==> flow/design.v <==
module cmp_unit_mod #(
  parameter W = 64
) (
  input  wire core_clk,
  input  wire [W-1:0] u,
  input  wire [W-1:0] v,
  output wire gt,
  output wire lt
);
  reg [W-1:0] u_r;
  reg [W-1:0] v_r;
  reg g;
  reg l;
  integer t;
  always @* begin
    g = 1'b0;
    l = 1'b0;
    for (t = W-1; t >= 0; t = t - 1) begin
      if (!g && !l) begin
        g = u_r[t] & ~v_r[t];
        l = ~u_r[t] & v_r[t];
      end
    end
  end
  reg gt_r;
  assign gt = gt_r;
  reg lt_r;
  assign lt = lt_r;
  always @(posedge core_clk) begin
    u_r <= u;
    v_r <= v;
    gt_r <= g;
    lt_r <= l;
  end
endmodule
-- Step by step through the tools: cmp_unit_mod
What the tools print for cmp_unit_mod, step after step.
Lines are those of the file above, counted from 1.
Library cell names are shortened.
A cell with n/a has no value.
- top: cmp_unit_mod
- clock: core_clk
- cell library: sky130hd
- timing corner: tt_025C_1v80

-- Word-level counts
Source: Yosys, flattened and elaborated, memories not mapped. Widths are those after wreduce; folded enables and synchronous resets count as part of the registers. Registers that Yosys merges into a memory's read port (data or address) are not register bits. Print and check cells do not count. Equal cells are merged and count once.
- noted output and inout bits: 2
- register bits at 130
- input bits at 129
- noted muxes and demuxes: 126
- noted bitwise gates (word level): 256
- noted reduce/logical cells: 189
- operator list (operator ; count):
    bitwise AND 1 bit ; 128
    inverter 1 bit ; 128
    zero test 1 bit ; 126
    2-to-1 mux 1 bit ; 126
    logical AND 1 bit ; 63

-- Logic depth
Longest topological path by Yosys (ltp), each cell counted once; first at word level (registers and memories cut), then after technology mapping (sequential cells cut; the memories' decode and read muxes count).
- depth after elaboration at 191
- ABC_AREA: 0
- mapped depth: 9
- noted depth with buffers taken out: 9

-- Netlist
Yosys stat after the flow's synthesis: flattened, memories mapped to cells. It holds for the ABC_AREA given above (unset counts as 0); a run with the other value may have another netlist.
- cell types (cell ; count ; area in all (um^2)):
    dfxtp_1 ; 130 ; 2.6E+03
    maj3_1 ; 52 ; 520.499
    nand2b_1 ; 25 ; 156.4
    nor2b_1 ; 24 ; 150.144
    inv_1 ; 38 ; 142.637
    maj3_2 ; 11 ; 123.869
    a21oi_1 ; 17 ; 85.082
    o21ai_0 ; 13 ; 65.062
    nand2_1 ; 12 ; 45.043
    nor2_1 ; 12 ; 45.043
    o21bai_1 ; 5 ; 37.536
    and2b_2 ; 4 ; 35.034
    ha_1 ; 2 ; 25.024
    o211ai_1 ; 3 ; 22.522
    nand3_1 ; 4 ; 20.019
    a21boi_4 ; 1 ; 18.768
    a21o_2 ; 2 ; 17.517
    a41oi_1 ; 2 ; 17.517
Not listed: further types 19, cells in them 25.
- chip area (Yosys) at 4339.2 um^2
- cell count: 382
- noted buffer cells: 0
- noted flip-flop cells: 130

-- Worst setup path after synthesis
OpenSTA on the mapped netlist: ideal clock, no wires. The path of least setup slack (recovery checks aside). Input and output delay are each 20% of the period. Register names are those of the netlist, which keeps one name where synthesis merged equal registers.
- path type: flip-flop to flip-flop
- from: register u_r[26]
- to: register gt_r
- noted arrival time: 2178 ps
- clock period: 2890 ps
- path delay at 2311 ps
- buffers on the path at 0
- required time: 2757 ps
- driving pins on the path at 10
- launch time at the first pin at 0 ps
- slack: 579 ps
- synthesis period reached: 2311 ps
"path delay" is the arrival time less input delay plus setup time.
"driving pins on the path" counts driving pins, that of a launching flip-flop among them; a cell with two outputs on the path counts twice.
"synthesis period reached" is the clock period less the worst setup slack; recovery checks do not enter. This is arithmetic on one report: input and output delays are still those of the set period (20% each).
The rows between start and end are the longest chain of elaborated cells between them; the timing report does not say that the signal goes this way. Where chains are equally long, one stands for them.
A line is the first line of the expression or statement that the cell stems from. Yosys adds cells for indexed reads and writes and turns some case tables into memories.
- cell sequence: dfxtp_1 -> nor2b_1 -> maj3_2 -> maj3_2 -> maj3_2 -> a211o_1 -> a31o_1 -> a31oi_1 -> and2_2 -> o221ai_2
- noted length of the longest elaborated chain: 81
- ends and longest elaborated chain, post-synthesis (element ; RTL line ; text):
    from (decl) ; 10 ; reg [W-1:0] u_r;
    from (assign) ; 30 ; u_r <= u;
    inverter 1 bit ; 21 ; l = ~u_r[t] & v_r[t];
    bitwise AND 1 bit ; 21 ;
    2-to-1 mux 1 bit ; 19 ; if (!g && !l) begin
    zero test 1 bit ; 19 ;
    logical AND 1 bit ; 19 ;
    2-to-1 mux 1 bit ; 19 ;
    zero test 1 bit ; 19 ;
    [67 not listed] ; n/a ;
    2-to-1 mux 1 bit ; 19 ;
    zero test 1 bit ; 19 ;
    logical AND 1 bit ; 19 ;
    2-to-1 mux 1 bit ; 19 ;
    zero test 1 bit ; 19 ;
    logical AND 1 bit ; 19 ;
    2-to-1 mux 1 bit ; 19 ;
    to (assign) ; 32 ; gt_r <= g;
    to (decl) ; 25 ; reg gt_r;

-- Timing after layout
Path of least setup slack in the final report of run 1 (OpenROAD, finished layout, wires in). Where an end is a register, its clock arrival counts in the times.
The report prints the path's times to 10 ps; the period is as set.
- path type: flip-flop to flip-flop
- from: register u_r[26]
- to: register gt_r
- driving pins on the path at 10
- launch time at the first pin at 500 ps
- required time: 3270 ps
- buffers on the path at 0
- clock period: 2890 ps
- noted arrival time: 2880 ps
- slack: 390 ps
The rows between start and end are the longest chain of elaborated cells between them; the timing report does not say that the signal goes this way. Where chains are equally long, one stands for them.
- cell sequence: dfxtp_1 -> nor2b_1 -> maj3_2 -> maj3_2 -> maj3_2 -> a311oi_1 -> o211ai_1 -> a41oi_2 -> and2_2 -> o221ai_2
- noted length of the longest elaborated chain: 81
- ends and longest elaborated chain, post-layout (element ; RTL line ; text):
    from (decl) ; 10 ; reg [W-1:0] u_r;
    from (assign) ; 30 ; u_r <= u;
    inverter 1 bit ; 21 ; l = ~u_r[t] & v_r[t];
    bitwise AND 1 bit ; 21 ;
    2-to-1 mux 1 bit ; 19 ; if (!g && !l) begin
    zero test 1 bit ; 19 ;
    logical AND 1 bit ; 19 ;
    2-to-1 mux 1 bit ; 19 ;
    zero test 1 bit ; 19 ;
    [67 not listed] ; n/a ;
    2-to-1 mux 1 bit ; 19 ;
    zero test 1 bit ; 19 ;
    logical AND 1 bit ; 19 ;
    2-to-1 mux 1 bit ; 19 ;
    zero test 1 bit ; 19 ;
    logical AND 1 bit ; 19 ;
    2-to-1 mux 1 bit ; 19 ;
    to (assign) ; 32 ; gt_r <= g;
    to (decl) ; 25 ; reg gt_r;

Subject: flow runs of cmp_unit_mod

Hi,

Record of 3 stored runs of the RTL-to-layout flow on cmp_unit_mod, platform sky130hd. The runs are unordered. Constraints: input delay and output delay 20% of the set period each, output load 0.01 pF.
"total power of the final layout" is the tool's figure for a default switching activity; nothing was simulated.

Run 1

==> flow/run.sh <==
#!/bin/bash
# the make line also repeats the synthesis and layout settings of config.mk as NAME=value (left out here)
make -C /OpenROAD-flow-scripts/flow DESIGN_CONFIG=/design/flow/config.mk WORK_HOME=/design/flow/orfs CLKGATE_MAP_FILE= finish
==> flow/config.mk <==
export PLATFORM = sky130hd
export DESIGN_NAME = cmp_unit_mod
export DESIGN_NICKNAME = cmp_unit_mod
export VERILOG_FILES = /design/flow/design.v
export SDC_FILE = /design/flow/constraint.sdc
export NUM_CORES = 4
export LEC_CHECK = 0
export CAP_MARGIN = 20
export CORE_MARGIN = 2
export CORE_UTILIZATION = 40
export SLEW_MARGIN = 20
==> flow/constraint.sdc <==
create_clock -name core_clock -period 2.89 [get_ports {core_clk}]
set_input_delay 0.5780 -clock core_clock [delete_from_list [all_inputs] [get_ports {core_clk}]]
set_output_delay 0.5780 -clock core_clock [all_outputs]
set_load 0.01 [all_outputs]

Measured in run 1:
- total power of the final layout: 4.426 mW
- setup TNS at 0 ps
- noted the final design utilization: 59.8 %
- area of the die: 11697.5 um^2
- noted the standard-cell area of the final layout: 6397.4 um^2
- post-synthesis cell area: 4339.2 um^2
- worst hold slack at 509 ps
- noted the worst slack on setup checks: 395 ps

Run 2

==> flow/run.sh <==
#!/bin/bash
# the make line also repeats the synthesis and layout settings of config.mk as NAME=value (left out here)
make -C /OpenROAD-flow-scripts/flow DESIGN_CONFIG=/design/flow/config.mk WORK_HOME=/design/flow/orfs CLKGATE_MAP_FILE= finish
==> flow/config.mk <==
export PLATFORM = sky130hd
export DESIGN_NAME = cmp_unit_mod
export DESIGN_NICKNAME = cmp_unit_mod
export VERILOG_FILES = /design/flow/design.v
export SDC_FILE = /design/flow/constraint.sdc
export NUM_CORES = 4
export LEC_CHECK = 0
export ABC_AREA = 0
export CAP_MARGIN = 20
export CELL_PAD_IN_SITES_DETAIL_PLACEMENT = 2
export CORE_MARGIN = 2
export CORE_UTILIZATION = 36
export GPL_TIMING_DRIVEN = 1
export MAX_ROUTING_LAYER = met4
export PLACE_DENSITY_LB_ADDON = 0.18
export SETUP_SLACK_MARGIN = 0.09
export SLEW_MARGIN = 20
==> flow/constraint.sdc <==
create_clock -name core_clock -period 2.0 [get_ports {core_clk}]
set_input_delay 0.4000 -clock core_clock [delete_from_list [all_inputs] [get_ports {core_clk}]]
set_output_delay 0.4000 -clock core_clock [all_outputs]
set_load 0.01 [all_outputs]

Measured in run 2:
- total power of the final layout: 6.194 mW
- setup TNS at -900 ps
- noted the final design utilization: 54.1 %
- area of the die: 12947.0 um^2
- noted the standard-cell area of the final layout: 6443.7 um^2
- post-synthesis cell area: 4339.2 um^2
- worst hold slack at 428 ps
- noted the worst slack on setup checks: -493 ps

Run 3

==> flow/run.sh <==
#!/bin/bash
# the make line also repeats the synthesis and layout settings of config.mk as NAME=value (left out here)
make -C /OpenROAD-flow-scripts/flow DESIGN_CONFIG=/design/flow/config.mk WORK_HOME=/design/flow/orfs CLKGATE_MAP_FILE= finish
==> flow/config.mk <==
export PLATFORM = sky130hd
export DESIGN_NAME = cmp_unit_mod
export DESIGN_NICKNAME = cmp_unit_mod
export VERILOG_FILES = /design/flow/design.v
export SDC_FILE = /design/flow/constraint.sdc
export NUM_CORES = 4
export LEC_CHECK = 0
export CAP_MARGIN = 0
export CELL_PAD_IN_SITES_DETAIL_PLACEMENT = 0
export CELL_PAD_IN_SITES_GLOBAL_PLACEMENT = 3
export CORE_MARGIN = 6
export CORE_UTILIZATION = 69
export MIN_ROUTING_LAYER = met1
export PLACE_DENSITY_LB_ADDON = 0.25
export SLEW_MARGIN = 5
==> flow/constraint.sdc <==
create_clock -name core_clock -period 2.89 [get_ports {core_clk}]
set_input_delay 0.5780 -clock core_clock [delete_from_list [all_inputs] [get_ports {core_clk}]]
set_output_delay 0.5780 -clock core_clock [all_outputs]
set_load 0.01 [all_outputs]

Run 3: stopped before the end: placement reported FLW-0024.

Regards
